==> flow/design.v <==
module subtractor #(
   parameter int DW = 14
) (
   input logic clk,
   input logic srst,
   input logic [DW-1:0] opa_i,
   input logic [DW-1:0] opb_i,
   input logic minus_i,
   output logic [DW-1:0] diff_o
);
   logic [DW-1:0] opa_d1;
   logic [DW-1:0] opb_d1;
   logic minus_d1;
   always_ff @(posedge clk) begin
      if (srst) begin
         opa_d1 <= '0;
         opb_d1 <= '0;
         minus_d1 <= 1'b0;
      end else begin
         opa_d1 <= opa_i;
         opb_d1 <= opb_i;
         minus_d1 <= minus_i;
      end
   end
   logic [DW-1:0] val;
   always_comb begin
      if (minus_d1)
         val = opa_d1 - opb_d1;
      else
         val = opa_d1 + opb_d1;
   end
   always_ff @(posedge clk) begin
      if (srst) begin
         diff_o <= '0;
      end else begin
         diff_o <= val;
      end
   end
endmodule
Tool chain data of subtractor. Tool output for the design above, in the order of the flow. Lines are those of the file above, counted from 1. Operators carry their Yosys type and port widths (W data, S select, Z words). Cell names lack the library's common part. Not given: --

Design top: subtractor. Clock: clk. Standard-cell library: sky130hd. Corner: tt_025C_1v80.

Word-level counts. Yosys after proc, flatten, opt, wreduce and memory -nomap, before mapping. Enables and synchronous resets that opt folds into registers are not counted as muxes. Memory bits, and registers merged into a memory's read port (data or address), are not among the register bits. Print and check cells are not counted. Equal cells are merged and count once.

The figure for bits in registers is 43. Input bits: 31.

The figure for add/subtract/negate cells is 2. Under mux-type cells stands 1.

Operator list (number): $add A14 B14 Y14 (1); $sub A14 B14 Y14 (1); $mux W14 (1).

Longest topological paths. Yosys ltp: most cells in a row. Word level: on the elaborated netlist, between registers, memories and ports. Mapped: between sequential cells and ports; inverters and the memories' decode and read muxes count.

The entry for depth after elaboration reads 2. For ABC_AREA the number is 0. For mapped depth the number is 12. Under depth with buffers taken out stands 12.

Mapped cells and area. Yosys stat after the flow's synthesis: flattened, memories mapped to cells. It holds for the ABC_AREA given above (unset counts as 0); a run with the other value may have another netlist.

Sequential part of the area: 860.8 um^2. Cells in the netlist: 210. For flip-flop cells the number is 43. For synthesis area the number is 1980.6 um^2.

Cells by type: dfxtp_1 (number 43, total area 860.826 um^2); nor2b_1 (number 31, total area 193.936 um^2); ha_1 (number 14, total area 175.168 um^2); xnor2_1 (number 18, total area 157.651 um^2); nor2_1 (number 25, total area 93.84 um^2); a21oi_1 (number 9, total area 45.043 um^2); nor3_1 (number 9, total area 45.043 um^2); o21a_1 (number 5, total area 37.536 um^2); xor2_1 (number 4, total area 35.034 um^2); inv_1 (number 9, total area 33.782 um^2); nand2_1 (number 6, total area 22.522 um^2); o211ai_1 (number 3, total area 22.522 um^2); fa_1 (number 1, total area 20.019 um^2); clkbuf_1 (number 5, total area 18.768 um^2); a41oi_2 (number 1, total area 16.266 um^2); a221oi_2 (number 1, total area 15.014 um^2); nand3_1 (number 3, total area 15.014 um^2); o21ai_0 (number 3, total area 15.014 um^2).

Not listed: further types 17, cells in them 20.

Worst setup path after synthesis. OpenSTA on the mapped netlist: ideal clock, no wires. The path of least setup slack (recovery checks aside). Input and output delay are each 20% of the period. Register names are those of the netlist, which keeps one name where synthesis merged equal registers.

Path type: register -> register. Start: register opb_d1[4]. End: register diff_o[12]. Arrival: 2.300 ns. Under stages on the path stands 11. The figure for setup slack is 0.612 ns. The entry for delay of the path reads 2.428 ns. For clock period the number is 3.04 ns. The figure for buffers on the path is 0. Library setup time: 0.128 ns. For synthesis period reached the number is 2.428 ns.

"delay of the path" is the arrival time less input delay plus setup time. "stages on the path": output pins that drive a net of the path, with the launching flip-flop's if there is one; two outputs of one cell count as two. "synthesis period reached" = period - worst setup slack (recovery checks aside). The figure is calculated, with input and output delays left at 20% of the set period. Between the ends stands the longest chain of elaborated cells between them, by number of cells; it is not shown to be the way that was timed. Of several equally long chains one is given. A line is the first line of the expression or statement that the cell stems from. Yosys adds cells for indexed reads and writes and turns some case tables into memories.

Path through: dfxtp_1 > nor3_1 > a41oi_2 > xnor2_1 > ha_1 > a21oi_1 > nor2b_2 > or3_1 > a221oi_2 > xor2_1 > nor2_1. The figure for length of the longest elaborated chain is 2. For elaborated cells on any way between the ends the number is 3. The entry for RTL lines with such cells reads 3. Those cells by class: add/sub: 2; mux: 1.

Ends and longest elaborated chain, after synthesis: start, declared (line 12) `logic [DW-1:0] opb_d1;`; start, assigned (line 17) `opb_d1 <= '0;`; start, assigned (line 21) `opb_d1 <= opb_i;`; $add A14 B14 Y14 (line 30) `val = opa_d1 + opb_d1;`; $mux W14 (line 27) `if (minus_d1)`; end, assigned (line 34) `diff_o <= '0;`; end, assigned (line 36) `diff_o <= val;`; end, declared (line 9) `output logic [DW-1:0] diff_o`.

Path in the finished layout. From the final timing report of run 1: the path of least setup slack in the routed layout; clock arrival at registers is part of the times.

Path type: register -> register. Start: register opb_d1[0]. End: register diff_o[12]. Under stages on the path stands 12. For clock period the number is 1.83 ns. The figure for buffers on the path is 0. The figure for setup slack is -0.65 ns. Library setup time: 0.12 ns. Arrival: 2.65 ns.

Between the ends stands the longest chain of elaborated cells between them, by number of cells; it is not shown to be the way that was timed. Of several equally long chains one is given.

Path through: dfxtp_4 > inv_2 > ha_4 > a31oi_4 > xnor2_1 > ha_1 > a211oi_2 > nor3_2 > or3_1 > a221oi_2 > xor2_1 > nor2_1. The figure for length of the longest elaborated chain is 2. For elaborated cells on any way between the ends the number is 3. The entry for RTL lines with such cells reads 3. Those cells by class: add/sub: 2; mux: 1.

Ends and longest elaborated chain, post-layout: start, declared (line 12) `logic [DW-1:0] opb_d1;`; start, assigned (line 17) `opb_d1 <= '0;`; start, assigned (line 21) `opb_d1 <= opb_i;`; $add A14 B14 Y14 (line 30) `val = opa_d1 + opb_d1;`; $mux W14 (line 27) `if (minus_d1)`; end, assigned (line 34) `diff_o <= '0;`; end, assigned (line 36) `diff_o <= val;`; end, declared (line 9) `output logic [DW-1:0] diff_o`.

## Implementation results

Record of 3 stored runs of the RTL-to-layout flow on subtractor, platform sky130hd. The runs are unordered. Constraints: input delay and output delay 20% of the set period each, output load 0.01 pF. "period reached" = clock period - worst setup slack. The figure is calculated, with input and output delays left at 20% of the set period. By "power" is meant OpenSTA's value without simulated activity: inputs other than the clock are taken to toggle once in ten clock periods, and the tool carries that through the logic.

Run 1 has these settings: period_ns 1.83; CORE_UTILIZATION 33; SETUP_SLACK_MARGIN 0.44; PLACE_DENSITY 0.49; CORE_ASPECT_RATIO 1.33; TNS_END_PERCENT 20; ABC_AREA 0; GPL_TIMING_DRIVEN 0; CAP_MARGIN 10; MIN_ROUTING_LAYER met1; CORE_MARGIN 2; SLEW_MARGIN 20. The worst hold slack in the final report stands at 0.580 ns. The period reached reads 2.478 ns. The measured lowest setup slack is -0.648 ns. The full die area is 6643.8 um^2. The standard-cell area after layout is 2964.1 um^2. The power reads 2510 uW. The measured post-synthesis cell area is 1980.6 um^2.

Run 2 has these settings: period_ns 3.74; CORE_UTILIZATION 30; SETUP_SLACK_MARGIN 0.24; CORE_ASPECT_RATIO 0.64; CELL_PAD_IN_SITES_GLOBAL_PLACEMENT 3; TNS_END_PERCENT 5; GPL_TIMING_DRIVEN 1; GPL_ROUTABILITY_DRIVEN 0; CTS_CLUSTER_DIAMETER 41; CAP_MARGIN 15; SLEW_MARGIN 0; MIN_ROUTING_LAYER met2; CORE_MARGIN 2. The worst hold slack in the final report stands at 0.539 ns. The measured lowest setup slack is 0.955 ns. The measured post-synthesis cell area is 1980.6 um^2. The standard-cell area after layout is 2600.0 um^2. The period reached reads 2.785 ns. The power reads 1140 uW. The full die area is 7284.5 um^2.

Run 3 has these settings: period_ns 3.04; CAP_MARGIN 20; CORE_MARGIN 2; CORE_UTILIZATION 40; SLEW_MARGIN 20. The measured post-synthesis cell area is 1980.6 um^2. The power reads 1369 uW. The measured lowest setup slack is 0.434 ns. The worst hold slack in the final report stands at 0.567 ns. The full die area is 5530.1 um^2. The period reached reads 2.606 ns. The standard-cell area after layout is 2575.0 um^2.
